==> flow/design.v <==
module dp_times_n (ck, RST, clk_en, i_u, o_prod);
  parameter XLEN = 14;
  parameter SCALE = 365;
  localparam OUT_W = XLEN + $clog2(SCALE + 1);
  input ck;
  input RST;
  input clk_en;
  input [XLEN-1:0] i_u;
  output [OUT_W-1:0] o_prod;
  reg [OUT_W-1:0] prod_r;
  always @(posedge ck) begin
    if (RST) begin
      prod_r <= 0;
    end else if (clk_en) begin
      prod_r <= i_u * SCALE;
    end
  end
  assign o_prod = prod_r;
endmodule
======== Step by step through the tools: dp_times_n ========
What the tools print for dp_times_n, step after step.
Line numbers count from 1 in the design file above.
Operators: Yosys type, input widths -> output width; for muxes data width and select width s.
The mark - stands for no value.
set-up
  top ..................................... dp_times_n
  clock ................................... ck
  library ................................. sky130hd
  library corner .......................... tt_025C_1v80

======== Elaborated design ========
Counts by Yosys on the flattened word-level netlist (proc, flatten, opt, wreduce; memories kept). Register bits leave out memories and registers merged into their read ports (data or address); mux counts leave out enables and synchronous resets folded into registers. Print and check cells are left out. Cells with the same type and inputs are merged into one.
bit counts
  flip-flop bits (word level) ............. 23
  input bits .............................. 17
operators by class
  multiply operators ...................... 1
operator list
  cell                   number
  $mul 14x9->23 const B  1

======== Depth ========
Depth = most cells in a row (Yosys ltp): at word level without a register or memory, in the mapped netlist without a sequential cell, where the memories' decode and read muxes count.
logic depth
  word-level depth ........................ 1
  ABC_AREA ................................ 0
  depth in mapped cells ................... 17

======== Synthesis result ========
The flow's flattened synthesis, as Yosys stat reports it; memories are mapped. The netlist is that of the ABC_AREA named above (0 if unset); the other value can give another one.
The area totals of this step are shown rounded.
cells by type
  cell type                  number
  sky130_fd_sc_hd__fa_1      40
  sky130_fd_sc_hd__ha_1      54
  sky130_fd_sc_hd__dfxtp_1   23
  sky130_fd_sc_hd__inv_1     85
  sky130_fd_sc_hd__mux2i_1   11
  sky130_fd_sc_hd__a21oi_1   18
  sky130_fd_sc_hd__o21ai_0   16
  sky130_fd_sc_hd__nand2_1   21
  sky130_fd_sc_hd__xor2_1    9
  sky130_fd_sc_hd__nor2_1    19
  sky130_fd_sc_hd__a21o_1    7
  sky130_fd_sc_hd__xnor2_1   6
  sky130_fd_sc_hd__nand2b_1  5
  sky130_fd_sc_hd__a211oi_1  3
  sky130_fd_sc_hd__o211ai_1  3
  sky130_fd_sc_hd__nand3_1   4
  sky130_fd_sc_hd__or4b_1    2
  sky130_fd_sc_hd__a31oi_1   3
Not listed: further types 29, cells in them 38.
synthesis totals
  sequential part of the area ............. 460.4 µm²
  chip area (Yosys) ....................... 3283 µm²
  flip-flops .............................. 23
  mapped cells ............................ 367

======== Timing after synthesis ========
Path of least setup slack by OpenSTA after synthesis, without wires, with an ideal clock, recovery checks aside; 20% of the period is set as input and as output delay. Where synthesis merged equal registers, the netlist keeps one of their names.
path post-synthesis
  kind .................................... input to register
  start ................................... input i_u[5]
  end ..................................... register prod_r[15]
  buffers on the path ..................... 0
  delay of the path ....................... 3645 ps
  stages .................................. 15
  period .................................. 5700 ps
  time at the first pin ................... 1140 ps
  setup slack ............................. 915 ps
  external input delay .................... 1140 ps
  arrival time ............................ 4660 ps
  synthesis period reached ................ 4785 ps
"delay of the path" is the arrival time less input delay plus setup time.
"stages" counts driving pins, that of a launching flip-flop among them; a cell with two outputs on the path counts twice.
"synthesis period reached" = period - worst setup slack (recovery checks aside). The figure is calculated, with input and output delays left at 20% of the set period.
The rows between start and end are the longest chain of elaborated cells between them; the timing report does not say that the signal goes this way. Where chains are equally long, one stands for them.
A line is the first line of the expression or statement that the cell stems from. Yosys adds cells for indexed reads and writes and turns some case tables into memories.
on the way, post-synthesis
  cell sequence ........................... sky130_fd_sc_hd__ha_1 sky130_fd_sc_hd__inv_1 sky130_fd_sc_hd__fa_1 sky130_fd_sc_hd__inv_1 sky130_fd_sc_hd__fa_1 sky130_fd_sc_hd__inv_1 sky130_fd_sc_hd__fa_1 sky130_fd_sc_hd__inv_1 sky130_fd_sc_hd__ha_1 sky130_fd_sc_hd__and3_2 sky130_fd_sc_hd__a221oi_1 sky130_fd_sc_hd__o21a_1 sky130_fd_sc_hd__o21ai_0 sky130_fd_sc_hd__xnor2_1 sky130_fd_sc_hd__o21ai_0
  cells in the longest elaborated chain ... 1
  elaborated cells between the ends (all ways) .. 1
ends and longest elaborated chain, post-synthesis
  item                RTL line  RTL
  start: declaration  8         input [XLEN-1:0] i_u;
  $mul 14x9->23       15        prod_r <= i_u * SCALE;
  end: assignment     13        prod_r <= 0;
  end: assignment     15
  end: declaration    10        reg [OUT_W-1:0] prod_r;

======== Path in the finished layout ========
Path of least setup slack in the final report of run A (OpenROAD, finished layout, wires in). Where an end is a register, its clock arrival counts in the times.
The report prints the path's times to 10 ps; the period is as set.
path after layout
  kind .................................... input to register
  start ................................... input i_u[3]
  end ..................................... register prod_r[18]
  buffers on the path ..................... 2
  arrival time ............................ 4230 ps
  setup slack ............................. -1060 ps
  external input delay .................... 600 ps
  period .................................. 3000 ps
  stages .................................. 16
  time at the first pin ................... 600 ps
The rows between start and end are the longest chain of elaborated cells between them; the timing report does not say that the signal goes this way. Where chains are equally long, one stands for them.
on the way, after layout
  cell sequence ........................... sky130_fd_sc_hd__buf_8 sky130_fd_sc_hd__buf_6 sky130_fd_sc_hd__ha_4 sky130_fd_sc_hd__inv_2 sky130_fd_sc_hd__fa_1 sky130_fd_sc_hd__inv_2 sky130_fd_sc_hd__fa_1 sky130_fd_sc_hd__inv_2 sky130_fd_sc_hd__fa_1 sky130_fd_sc_hd__inv_2 sky130_fd_sc_hd__ha_4 sky130_fd_sc_hd__nand4_1 sky130_fd_sc_hd__a21oi_4 sky130_fd_sc_hd__a41oi_2 sky130_fd_sc_hd__or4b_1 sky130_fd_sc_hd__o311ai_2
  cells in the longest elaborated chain ... 1
  elaborated cells between the ends (all ways) .. 1
ends and longest elaborated chain, after layout
  item                RTL line  RTL
  start: declaration  8         input [XLEN-1:0] i_u;
  $mul 14x9->23       15        prod_r <= i_u * SCALE;
  end: assignment     13        prod_r <= 0;
  end: assignment     15
  end: declaration    10        reg [OUT_W-1:0] prod_r;

Add stored flow runs of dp_times_n

3 stored runs of dp_times_n in the flow (synthesis by Yosys, layout by OpenROAD, sky130hd cells), in arbitrary order. Constraints: input delay and output delay 20% of the set period each, output load 0.01 pF.
By "period achieved" is meant the clock period of the run minus its worst setup slack. This is arithmetic on one report: input and output delays are still those of the set period (20% each).
"worst path time" = time allowed to the worst setup path (clock period - input delay - output delay, where it has them) - its slack; a late launch clock adds to it, a late capture clock takes from it.
By "power consumption" is meant OpenSTA's value without simulated activity: inputs other than the clock are taken to toggle once in ten clock periods, and the tool carries that through the logic.
"worst path time" is known to 10 ps.
Values from the reports are rounded here.

======== run A ========
==> flow/run.sh <==
#!/bin/bash
# the make line also repeats the synthesis and layout settings of config.mk as NAME=value (left out here)
make -C /OpenROAD-flow-scripts/flow DESIGN_CONFIG=/design/flow/config.mk WORK_HOME=/design/flow/orfs CLKGATE_MAP_FILE= finish
==> flow/config.mk <==
export PLATFORM = sky130hd
export DESIGN_NAME = dp_times_n
export DESIGN_NICKNAME = dp_times_n
export VERILOG_FILES = /design/flow/design.v
export SDC_FILE = /design/flow/constraint.sdc
export NUM_CORES = 4
export LEC_CHECK = 0
export CAP_MARGIN = 40
export CELL_PAD_IN_SITES_GLOBAL_PLACEMENT = 2
export CORE_ASPECT_RATIO = 1.71
export CORE_MARGIN = 2
export CORE_UTILIZATION = 31
export CTS_CLUSTER_DIAMETER = 24
export SLEW_MARGIN = 20
==> flow/constraint.sdc <==
create_clock -name core_clock -period 3.0 [get_ports {ck}]
set_input_delay 0.6000 -clock core_clock [delete_from_list [all_inputs] [get_ports {ck}]]
set_output_delay 0.6000 -clock core_clock [all_outputs]
set_load 0.01 [all_outputs]

-------- measured, run A --------
  post-route utilization .................. 0.501
  setup slack of the worst path ........... -1059 ps
  worst hold slack in the final report .... 448 ps
  sum of negative setup slack ............. -13330 ps
  post-synthesis cell area ................ 3283 µm²
  standard-cell area after layout ......... 5224 µm²
  die area ................................ 11460 µm²
  worst path time ......................... 3460 ps
  type of the worst setup path ............ input to register
  period achieved ......................... 4059 ps
  power consumption ....................... 5.450 mW

======== run B ========
==> flow/run.sh <==
#!/bin/bash
# the make line also repeats the synthesis and layout settings of config.mk as NAME=value (left out here)
make -C /OpenROAD-flow-scripts/flow DESIGN_CONFIG=/design/flow/config.mk WORK_HOME=/design/flow/orfs CLKGATE_MAP_FILE= finish
==> flow/config.mk <==
export PLATFORM = sky130hd
export DESIGN_NAME = dp_times_n
export DESIGN_NICKNAME = dp_times_n
export VERILOG_FILES = /design/flow/design.v
export SDC_FILE = /design/flow/constraint.sdc
export NUM_CORES = 4
export LEC_CHECK = 0
export CAP_MARGIN = 20
export CORE_MARGIN = 2
export CORE_UTILIZATION = 40
export SLEW_MARGIN = 20
==> flow/constraint.sdc <==
create_clock -name core_clock -period 5.7 [get_ports {ck}]
set_input_delay 1.1400 -clock core_clock [delete_from_list [all_inputs] [get_ports {ck}]]
set_output_delay 1.1400 -clock core_clock [all_outputs]
set_load 0.01 [all_outputs]

-------- measured, run B --------
  post-route utilization .................. 0.479
  setup slack of the worst path ........... 347 ps
  worst hold slack in the final report .... 464 ps
  sum of negative setup slack ............. 0 ps
  post-synthesis cell area ................ 3283 µm²
  standard-cell area after layout ......... 3875 µm²
  die area ................................ 8948 µm²
  worst path time ......................... 4210 ps
  type of the worst setup path ............ input to register
  period achieved ......................... 5353 ps
  power consumption ....................... 1.724 mW

======== run C ========
==> flow/run.sh <==
#!/bin/bash
# the make line also repeats the synthesis and layout settings of config.mk as NAME=value (left out here)
make -C /OpenROAD-flow-scripts/flow DESIGN_CONFIG=/design/flow/config.mk WORK_HOME=/design/flow/orfs CLKGATE_MAP_FILE= finish
==> flow/config.mk <==
export PLATFORM = sky130hd
export DESIGN_NAME = dp_times_n
export DESIGN_NICKNAME = dp_times_n
export VERILOG_FILES = /design/flow/design.v
export SDC_FILE = /design/flow/constraint.sdc
export NUM_CORES = 4
export LEC_CHECK = 0
export ABC_AREA = 0
export CAP_MARGIN = 20
export CELL_PAD_IN_SITES_DETAIL_PLACEMENT = 1
export CORE_ASPECT_RATIO = 0.55
export CORE_MARGIN = 6
export CORE_UTILIZATION = 38
export CTS_CLUSTER_SIZE = 39
export GPL_ROUTABILITY_DRIVEN = 0
export MAX_ROUTING_LAYER = met5
export MIN_ROUTING_LAYER = met2
export PLACE_DENSITY_LB_ADDON = 0.29
export SETUP_SLACK_MARGIN = 0.71
export SLEW_MARGIN = 20
==> flow/constraint.sdc <==
create_clock -name core_clock -period 6.54 [get_ports {ck}]
set_input_delay 1.3080 -clock core_clock [delete_from_list [all_inputs] [get_ports {ck}]]
set_output_delay 1.3080 -clock core_clock [all_outputs]
set_load 0.01 [all_outputs]

-------- measured, run C --------
  post-route utilization .................. 0.483
  setup slack of the worst path ........... 904 ps
  worst hold slack in the final report .... 463 ps
  sum of negative setup slack ............. 0 ps
  post-synthesis cell area ................ 3283 µm²
  standard-cell area after layout ......... 3933 µm²
  die area ................................ 11120 µm²
  worst path time ......................... 4330 ps
  type of the worst setup path ............ input to register
  period achieved ......................... 5636 ps
  power consumption ....................... 1.690 mW
